==> flow/design.v <==
module core_reg_file (core_clk, write, wr_idx, write_data, rd_idx_a, rd_idx_b, rd_data_a, rd_data_b);
    parameter D = 40;
    parameter BITS = 2;
    localparam ABITS = $clog2(D);
    input core_clk;
    input write;
    input [ABITS-1:0] wr_idx;
    input [BITS-1:0] write_data;
    input [ABITS-1:0] rd_idx_a;
    input [ABITS-1:0] rd_idx_b;
    output reg [BITS-1:0] rd_data_a;
    output reg [BITS-1:0] rd_data_b;
    reg [BITS-1:0] regs [0:D-1];
    always @(posedge core_clk) begin
        if (write)
            regs[wr_idx] <= write_data;
    end
    always @(posedge core_clk) begin
        rd_data_a <= (write && wr_idx == rd_idx_a) ? write_data : regs[rd_idx_a];
        rd_data_b <= (write && wr_idx == rd_idx_b) ? write_data : regs[rd_idx_b];
    end
endmodule
; ---- From RTL to reports: core_reg_file
; A sweep over "BITS": the same steps for each member of the family.
; The RTL above is that of BITS 2; lines are counted from 1 in the file of the member named.
; Operators carry their Yosys type and port widths (W data, S select, Z words).
; Cell names lack the library's common part.
; A cell with -- has no value.
[design]
top = core_reg_file
clk_port = core_clk
cell_library = sky130hd
pvt_corner = tt_025C_1v80

; ---- Members of the sweep
; Lines of each other member's file that are new or changed against the file above; lines that a member lacks are not shown.
[src_changes]
columns = BITS, line
row1 = 6, 3  ; parameter BITS = 6;
row2 = 8, 3  ; parameter BITS = 8;
row3 = 16, 3  ; parameter BITS = 16;
row4 = 24, 3  ; parameter BITS = 24;

; ---- Elaborated design
; Yosys after proc, flatten, opt, wreduce and memory -nomap, before mapping. Enables and synchronous resets that opt folds into registers are not counted as muxes. Memory bits, and registers merged into a memory's read port (data or address), are not among the register bits. Print and check cells are not counted. Equal cells are merged and count once.
; Yosys's memory passes give these memory sizes; they may raise the number of words (mostly to a power of two), join words into wider ones and drop unused or constant bits.
[bits]
columns = BITS, regBits, ramBits, clocked_rd_ports_x_width, n_memories, inputBits
row1 = 2, 0, 80, 4, 1, 22
row2 = 6, 0, 240, 12, 1, 26
row3 = 8, 0, 320, 16, 1, 28
row4 = 16, 0, 640, 32, 1, 36
row5 = 24, 0, 960, 48, 1, 44
[memory_table]
columns = BITS, memory_list
row1 = 2, regs 40x2 r2 w1
row2 = 6, regs 40x6 r2 w1
row3 = 8, regs 40x8 r2 w1
row4 = 16, regs 40x16 r2 w1
row5 = 24, regs 40x24 r2 w1
[op_classes]
columns = BITS, muxes
row1 = 2, 3
row2 = 6, 3
row3 = 8, 3
row4 = 16, 3
row5 = 24, 3
[ops]
columns = BITS, op_list
row1 = 2, $mux W6 (1); $mux W2 (1); $mux W1 (1)
row2 = 6, $mux W6 (2); $mux W1 (1)
row3 = 8, $mux W8 (1); $mux W6 (1); $mux W1 (1)
row4 = 16, $mux W16 (1); $mux W6 (1); $mux W1 (1)
row5 = 24, $mux W24 (1); $mux W6 (1); $mux W1 (1)

; ---- Logic depth
; Yosys ltp: most cells in a row. Word level: on the elaborated netlist, between registers, memories and ports. Mapped: between sequential cells and ports; inverters and the memories' decode and read muxes count.
[depth]
columns = BITS, word_depth, abc_area, mapped_depth, mapped_depth_nobuf
row1 = 2, 1, 0, 6, 4
row2 = 6, 1, 0, 8, 5
row3 = 8, 1, 0, 7, 5
row4 = 16, 1, 0, 8, 5
row5 = 24, 1, 0, 8, 5

; ---- Netlist
; Source: synth_stat.txt of the flow (Yosys; design flattened, memories mapped). It holds for the ABC_AREA given above (unset counts as 0); a run with the other value may have another netlist.
; Totals and module areas in this step are rounded.
[types]
columns = BITS, type_list
row1 = 2, edfxtp_1 (80); mux4_2 (20); mux2i_1 (32); mux4_1 (12); dfxtp_1 (12); nor2_1 (40); nor2b_1 (13); buf_6 (4); mux2_2 (4); a221o_1 (4); buf_12 (2); nand2_1 (10); a2111oi_0 (4); nand2b_1 (5); a211oi_1 (4); buf_2 (6); o31ai_1 (4); nand3_1 (4); (+13)
row2 = 6, edfxtp_1 (240); mux2i_1 (192); mux4_2 (24); a22oi_1 (48); a221oi_2 (16); dfxtp_1 (12); a22o_1 (24); buf_6 (18); o41ai_2 (12); nor2_1 (43); mux2_2 (12); a21oi_1 (24); nand2_1 (21); buf_4 (10); o22ai_1 (12); a221oi_1 (8); nand2b_1 (7); buf_12 (2); (+44)
row3 = 8, edfxtp_1 (320); mux2i_1 (256); mux4_2 (32); a22oi_1 (64); a221oi_2 (26); a22o_1 (32); o41ai_2 (16); dfxtp_1 (12); mux2_2 (16); a21oi_1 (32); nor2_1 (41); buf_4 (18); buf_6 (10); o22ai_1 (16); nand2_1 (25); buf_12 (4); clkbuf_1 (18); buf_2 (12); (+51)
row4 = 16, edfxtp_1 (640); mux2i_1 (512); mux4_2 (64); a22oi_1 (128); a221oi_2 (41); a22o_1 (64); o41ai_2 (32); buf_6 (40); mux2_2 (32); a21oi_1 (64); buf_4 (34); dfxtp_1 (12); a221oi_1 (23); o22ai_1 (32); nand2_1 (41); nor2_1 (41); clkbuf_1 (38); buf_2 (25); (+46)
row5 = 24, edfxtp_1 (960); mux2i_1 (768); mux4_2 (96); a22oi_1 (192); a22o_1 (96); o41ai_2 (48); a221oi_2 (42); mux2_2 (48); a21oi_1 (96); a221oi_1 (54); clkbuf_1 (98); buf_4 (43); o22ai_1 (48); buf_2 (53); dfxtp_1 (12); buf_6 (21); nand2_1 (57); nor2_1 (43); (+48)
; A list marked (+n) leaves out that many cells.
[synth_totals]
columns = BITS, mapped_cells, synth_area_um2, sequential_area_um2, ff_cells
row1 = 2, 273, 4420, 2640, 92
row2 = 6, 769, 12200, 7450, 252
row3 = 8, 1001, 16000, 9850, 332
row4 = 16, 1909, 31300, 19500, 652
row5 = 24, 2823, 46300, 29100, 972

; ---- Timing after synthesis
; Path of least setup slack by OpenSTA after synthesis, without wires, with an ideal clock, recovery checks aside; 20% of the period is set as input and as output delay. Where synthesis merged equal registers, the netlist keeps one of their names.
[synth_path]
columns = BITS, path_type, start, end, clock_period_ps, slack_ps, driving_pins, path_delay_ps, synth_period_reached_ps
row1 = 2, reg2out, reg (name not given), out rd_data_a[1], 2820, 449, 7, 1807, 2371
row2 = 6, reg2out, reg (name not given), out rd_data_b[3], 2630, 420, 9, 1684, 2210
row3 = 8, reg2out, reg (name not given), out rd_data_a[2], 2590, 417, 8, 1655, 2173
row4 = 16, in2reg, in wr_idx[3], mem regs[0][0], 3220, 517, 3, 2059, 2703
row5 = 24, in2reg, in wr_idx[3], mem regs[0][0], 4100, 659, 3, 2621, 3441
; "path_delay_ps" is the arrival time less input delay plus setup time.
; A path that ends at an output port has no setup time.
; "driving_pins": output pins that drive a net of the path, with the launching flip-flop's if there is one; two outputs of one cell count as two.
; "synth_period_reached_ps" is the clock period less the worst setup slack; recovery checks do not enter. This is arithmetic on one report: input and output delays are still those of the set period (20% each).
; Between the ends stands the longest chain of elaborated cells between them, by number of cells; it is not shown to be the way that was timed. Of several equally long chains one is given.
; Each line given opens the expression or statement behind the cell; cells for indexed reads and writes are added by Yosys, which also makes memories of some case tables.
[synth_lines_BITS_2]
columns = element, line
row1 = end: declaration, 11  ; output reg [BITS-1:0] rd_data_a;
; BITS 2: No chain of elaborated cells between the ends is given.
[synth_between_BITS_24]
elab_chain_cells = 1
[synth_lines_BITS_24]
columns = element, line
row1 = start: declaration, 7  ; input [ABITS-1:0] wr_idx;
row2 = $mux W6, 15  ; if (write)
row3 = end: declaration, 13  ; reg [BITS-1:0] regs [0:D-1];

; ---- Path in the finished layout
; From the final timing report of each member's run: the path of least setup slack in the routed layout; clock arrival at registers is part of the times.
; The path's times are printed in steps of 10 ps; the period is the one set.
[layout_path]
columns = BITS, path_type, start, end, clock_period_ps, slack_ps, driving_pins, t_arrival_ps, n_path_buf
row1 = 2, reg2out, reg (name not given), out rd_data_b[1], 2820, -10, 7, 2260, 3
row2 = 6, reg2out, reg (name not given), out rd_data_a[3], 2630, -540, 10, 2640, 5
row3 = 8, reg2out, reg (name not given), out rd_data_a[7], 2590, -640, 9, 2710, 3
row4 = 16, reg2out, reg (name not given), out rd_data_b[13], 3220, -350, 11, 2920, 5
row5 = 24, reg2out, reg (name not given), out rd_data_a[22], 4100, 70, 10, 3210, 4

; ---- Measured runs
; Settings and results of one run of the flow (Yosys, OpenROAD) for each member follow. The constraints put input and output delay at 20% of the set period each and load the outputs with 0.01 pF.
[flow_settings]
CAP_MARGIN = 20
CORE_MARGIN = 2
CORE_UTILIZATION = 40
SLEW_MARGIN = 20
[settings_diff]
columns = BITS, period_ns
row1 = 2, 2.82
row2 = 6, 2.63
row3 = 8, 2.59
row4 = 16, 3.22
row5 = 24, 4.1
[measured]
columns = BITS, synthesis_area_um2, final_die_area_um2, utilization_pct, timing.setup.ws_ps, holdWs_ps
row1 = 2, 4420, 11900, 49.3, -6, 646
row2 = 6, 12200, 31900, 51.7, -540, 424
row3 = 8, 16000, 41700, 52.5, -636, 411
row4 = 16, 31300, 80500, 51.9, -347, 458
row5 = 24, 46300, 118000, 48.0, 73, 563
; Values from the reports are rounded here.
